==> flow/design.v <==
module my_mpy (aclk, a, b, m);
    parameter DATA_W = 5;
    input aclk;
    input [DATA_W-1:0] a;
    input [DATA_W-1:0] b;
    output [2*DATA_W-1:0] m;
    reg [DATA_W-1:0] a_q;
    reg [DATA_W-1:0] b_q;
    always @(posedge aclk) begin
        a_q <= a;
        b_q <= b;
    end
    assign m = a_q * b_q;
endmodule
Reports on my_mpy
A sweep over "DATA_W": the same steps for each member of the family.
The RTL above is that of DATA_W=5; lines are counted from 1 in the file of the member named.
Operators carry their Yosys type and port widths (W data, S select, Z words).
Library cell names are shortened.
{"block": "design", "top": "my_mpy", "clock_port": "aclk", "cell_library": "sky130hd", "pvt_corner": "tt_025C_1v80"}

Source of the members
New or changed lines of each further member against the RTL above, in its own file; lines it lacks are not shown.
{"block": "src_changes", "DATA_W": 6, "line_no": 2, "text": "parameter DATA_W = 6;"}
{"block": "src_changes", "DATA_W": 16, "line_no": 2, "text": "parameter DATA_W = 16;"}
{"block": "src_changes", "DATA_W": 22, "line_no": 2, "text": "parameter DATA_W = 22;"}

Word level
Counts by Yosys on the flattened word-level netlist (proc, flatten, opt, wreduce; memories kept). Register bits leave out memories and registers merged into their read ports (data or address); mux counts leave out enables and synchronous resets folded into registers. Print and check cells are left out. Cells with the same type and inputs are merged into one.
{"block": "bits", "DATA_W": 5, "regBits": 10, "elab_cells": 3, "out_inout_bits": 10, "input_bits": 11}
{"block": "bits", "DATA_W": 6, "regBits": 12, "elab_cells": 3, "out_inout_bits": 12, "input_bits": 13}
{"block": "bits", "DATA_W": 16, "regBits": 32, "elab_cells": 3, "out_inout_bits": 32, "input_bits": 33}
{"block": "bits", "DATA_W": 22, "regBits": 44, "elab_cells": 3, "out_inout_bits": 44, "input_bits": 45}
{"block": "classes", "DATA_W": 5, "n_mul": 1}
{"block": "classes", "DATA_W": 6, "n_mul": 1}
{"block": "classes", "DATA_W": 16, "n_mul": 1}
{"block": "classes", "DATA_W": 22, "n_mul": 1}
{"block": "ops", "DATA_W": 5, "operators": "$mul A5 B5 Y10 (1)"}
{"block": "ops", "DATA_W": 6, "operators": "$mul A6 B6 Y12 (1)"}
{"block": "ops", "DATA_W": 16, "operators": "$mul A16 B16 Y32 (1)"}
{"block": "ops", "DATA_W": 22, "operators": "$mul A22 B22 Y44 (1)"}

Longest topological paths
Yosys ltp: most cells in a row. Word level: on the elaborated netlist, between registers, memories and ports. Mapped: between sequential cells and ports; inverters and the memories' decode and read muxes count.
{"block": "depth", "DATA_W": 5, "word_depth": 1, "abc_area": 0, "mapped_depth": 12, "depth_no_buf": 12}
{"block": "depth", "DATA_W": 6, "word_depth": 1, "abc_area": 0, "mapped_depth": 12, "depth_no_buf": 12}
{"block": "depth", "DATA_W": 16, "word_depth": 1, "abc_area": 0, "mapped_depth": 21, "depth_no_buf": 19}
{"block": "depth", "DATA_W": 22, "word_depth": 1, "abc_area": 0, "mapped_depth": 25, "depth_no_buf": 23}

Mapped cells and area
The flow's flattened synthesis, as Yosys stat reports it; memories are mapped. The netlist is that of the ABC_AREA named above (0 if unset); the other value can give another one.
{"block": "by_type", "DATA_W": 5, "type_list": "ha_1 (18); dfxtp_1 (10); fa_1 (9); and2_1 (19); inv_1 (15); xor2_1 (3); nand2_1 (6); xnor2_1 (2); o41ai_2 (1); a2111oi_2 (1); nand3b_1 (2); nor2b_4 (1); a21oi_1 (2); a221oi_1 (1); nand2b_2 (1); o21ai_2 (1); a21boi_1 (1); o21bai_1 (1); (+6)"}
{"block": "by_type", "DATA_W": 6, "type_list": "fa_1 (17); ha_1 (20); dfxtp_1 (12); and2_1 (27); inv_1 (25); nand2_1 (11); xnor2_1 (4); xor2_1 (2); a21oi_4 (1); a21oi_1 (3); o31ai_2 (1); a221o_1 (1); and2b_4 (1); nor3_1 (2); a211o_1 (1); o2bb2ai_1 (1); a211oi_1 (1); a21o_1 (1); (+9)"}
{"block": "by_type", "DATA_W": 16, "type_list": "fa_1 (194); ha_1 (104); inv_1 (221); and2_1 (125); dfxtp_1 (32); nand2_1 (159); a21oi_1 (31); clkbuf_1 (40); xnor2_1 (17); a21o_1 (16); xor2_1 (10); o21ai_0 (12); nor2_1 (13); and4_1 (5); nand4_1 (7); a221oi_2 (2); o211ai_1 (4); a211o_1 (3); (+51)"}
{"block": "by_type", "DATA_W": 22, "type_list": "fa_1 (397); ha_1 (159); and2_1 (229); inv_1 (374); nand2_1 (281); dfxtp_1 (44); clkbuf_1 (99); xnor2_1 (29); a21o_1 (27); a21oi_1 (38); xor2_1 (11); o21ai_0 (18); nor2_1 (22); a31oi_1 (9); nand4_1 (7); nand3_1 (7); o21a_1 (4); o21bai_1 (4); (+47)"}
The mark (+n) counts cells that are not listed.
{"block": "synth_totals", "DATA_W": 5, "buf_cells": 0, "flip_flops": 10, "area_mm2": 0.0009897, "seqArea_mm2": 0.0002002, "cell_count": 100}
{"block": "synth_totals", "DATA_W": 6, "buf_cells": 0, "flip_flops": 12, "area_mm2": 0.0013463, "seqArea_mm2": 0.0002402, "cell_count": 140}
{"block": "synth_totals", "DATA_W": 16, "buf_cells": 45, "flip_flops": 32, "area_mm2": 0.0093727, "seqArea_mm2": 0.0006406, "cell_count": 1046}
{"block": "synth_totals", "DATA_W": 22, "buf_cells": 99, "flip_flops": 44, "area_mm2": 0.0165421, "seqArea_mm2": 0.0008808, "cell_count": 1806}

Worst setup path after synthesis
OpenSTA on the mapped netlist: ideal clock, no wires. The path of least setup slack (recovery checks aside). Input and output delay are each 20% of the period. Register names are those of the netlist, which keeps one name where synthesis merged equal registers.
{"block": "synth_path", "DATA_W": 5, "path_kind": "flip-flop to output port", "start": "register b_q[4]", "end": "output port m[8]", "slack_ps": 795, "period_ps": 4960, "driving_pins": 12, "path_delay_ps": 3173, "synth_period_reached_ps": 4165}
{"block": "synth_path", "DATA_W": 6, "path_kind": "flip-flop to output port", "start": "register a_q[2]", "end": "output port m[10]", "slack_ps": 804, "period_ps": 5030, "driving_pins": 13, "path_delay_ps": 3220, "synth_period_reached_ps": 4226}
{"block": "synth_path", "DATA_W": 16, "path_kind": "flip-flop to output port", "start": "register b_q[1]", "end": "output port m[28]", "slack_ps": 1405, "period_ps": 8790, "driving_pins": 20, "path_delay_ps": 5627, "synth_period_reached_ps": 7385}
{"block": "synth_path", "DATA_W": 22, "path_kind": "flip-flop to output port", "start": "register b_q[1]", "end": "output port m[41]", "slack_ps": 1675, "period_ps": 10400, "driving_pins": 23, "path_delay_ps": 6645, "synth_period_reached_ps": 8725}
"path_delay_ps" = arrival - input delay + setup time.
A path that ends at an output port has no setup time.
"driving_pins": output pins that drive a net of the path, with the launching flip-flop's if there is one; two outputs of one cell count as two.
"synth_period_reached_ps" = period - worst setup slack (recovery checks aside). The figure is calculated, with input and output delays left at 20% of the set period.
The rows between start and end are the longest chain of elaborated cells between them; the timing report does not say that the signal goes this way. Where chains are equally long, one stands for them.
A line is the first line of the expression or statement that the cell stems from. Yosys adds cells for indexed reads and writes and turns some case tables into memories.
{"block": "synth_between_DATA_W_5", "elab_chain_len": 1}
{"block": "synth_lines_DATA_W_5", "item": "from (decl)", "line_no": 8, "text": "reg [DATA_W-1:0] b_q;"}
{"block": "synth_lines_DATA_W_5", "item": "from (assign)", "line_no": 11, "text": "b_q <= b;"}
{"block": "synth_lines_DATA_W_5", "item": "$mul A5 B5 Y10", "line_no": 13, "text": "assign m = a_q * b_q;"}
{"block": "synth_lines_DATA_W_5", "item": "to (decl)", "line_no": 6, "text": "output [2*DATA_W-1:0] m;"}
{"block": "synth_between_DATA_W_22", "elab_chain_len": 1}
{"block": "synth_lines_DATA_W_22", "item": "from (decl)", "line_no": 8, "text": "reg [DATA_W-1:0] b_q;"}
{"block": "synth_lines_DATA_W_22", "item": "from (assign)", "line_no": 11, "text": "b_q <= b;"}
{"block": "synth_lines_DATA_W_22", "item": "$mul A22 B22 Y44", "line_no": 13, "text": "assign m = a_q * b_q;"}
{"block": "synth_lines_DATA_W_22", "item": "to (decl)", "line_no": 6, "text": "output [2*DATA_W-1:0] m;"}

Worst path after layout
From the final timing report of the run of each member: the path of least setup slack in the routed layout; clock arrival at registers is part of the times.
The report prints the path's times to 10 ps; the period is as set.
{"block": "layout_path", "DATA_W": 5, "path_kind": "flip-flop to output port", "start": "register a_q[0]", "end": "output port m[8]", "n_path_buf": 1, "driving_pins": 13, "arrival_time_ps": 3720, "slack_ps": 250, "period_ps": 4960}
{"block": "layout_path", "DATA_W": 6, "path_kind": "flip-flop to output port", "start": "register a_q[1]", "end": "output port m[7]", "n_path_buf": 1, "driving_pins": 11, "arrival_time_ps": 3780, "slack_ps": 240, "period_ps": 5030}
{"block": "layout_path", "DATA_W": 16, "path_kind": "flip-flop to output port", "start": "register b_q[11]", "end": "output port m[28]", "n_path_buf": 1, "driving_pins": 19, "arrival_time_ps": 6710, "slack_ps": 320, "period_ps": 8790}
{"block": "layout_path", "DATA_W": 22, "path_kind": "flip-flop to output port", "start": "register a_q[10]", "end": "output port m[40]", "n_path_buf": 2, "driving_pins": 23, "arrival_time_ps": 7980, "slack_ps": 340, "period_ps": 10400}

Layout results
Settings and results of one run of the flow (Yosys, OpenROAD) for each member follow. The constraints put input and output delay at 20% of the set period each and load the outputs with 0.01 pF.
{"block": "settings", "CAP_MARGIN": 20, "CORE_MARGIN": 2, "CORE_UTILIZATION": 40, "SLEW_MARGIN": 20}
{"block": "settings_by_member", "DATA_W": 5, "period_ns": 4.96}
{"block": "settings_by_member", "DATA_W": 6, "period_ns": 5.03}
{"block": "settings_by_member", "DATA_W": 16, "period_ns": 8.79}
{"block": "settings_by_member", "DATA_W": 22, "period_ns": 10.4}
{"block": "measured", "DATA_W": 5, "ws_hold_ps": 1178, "post_route_stdcell_area_mm2": 0.0012587, "layout_utilization_frac": 0.522, "period_reached_ps": 4713, "die_area_mm2": 0.002888, "setupTns_ps": 0, "worst_setup_slack_ps": 247, "ys_area_mm2": 0.0009897}
{"block": "measured", "DATA_W": 6, "ws_hold_ps": 1179, "post_route_stdcell_area_mm2": 0.0017104, "layout_utilization_frac": 0.521, "period_reached_ps": 4785, "die_area_mm2": 0.0038459, "setupTns_ps": 0, "worst_setup_slack_ps": 245, "ys_area_mm2": 0.0013463}
{"block": "measured", "DATA_W": 16, "ws_hold_ps": 1895, "post_route_stdcell_area_mm2": 0.0104988, "layout_utilization_frac": 0.451, "period_reached_ps": 8468, "die_area_mm2": 0.0246726, "setupTns_ps": 0, "worst_setup_slack_ps": 322, "ys_area_mm2": 0.0093727}
{"block": "measured", "DATA_W": 22, "ws_hold_ps": 2146, "post_route_stdcell_area_mm2": 0.0182825, "layout_utilization_frac": 0.448, "period_reached_ps": 10058, "die_area_mm2": 0.0429982, "setupTns_ps": 0, "worst_setup_slack_ps": 342, "ys_area_mm2": 0.0165421}
"period_reached_ps" = clock period - worst setup slack. The figure is calculated, with input and output delays left at 20% of the set period.
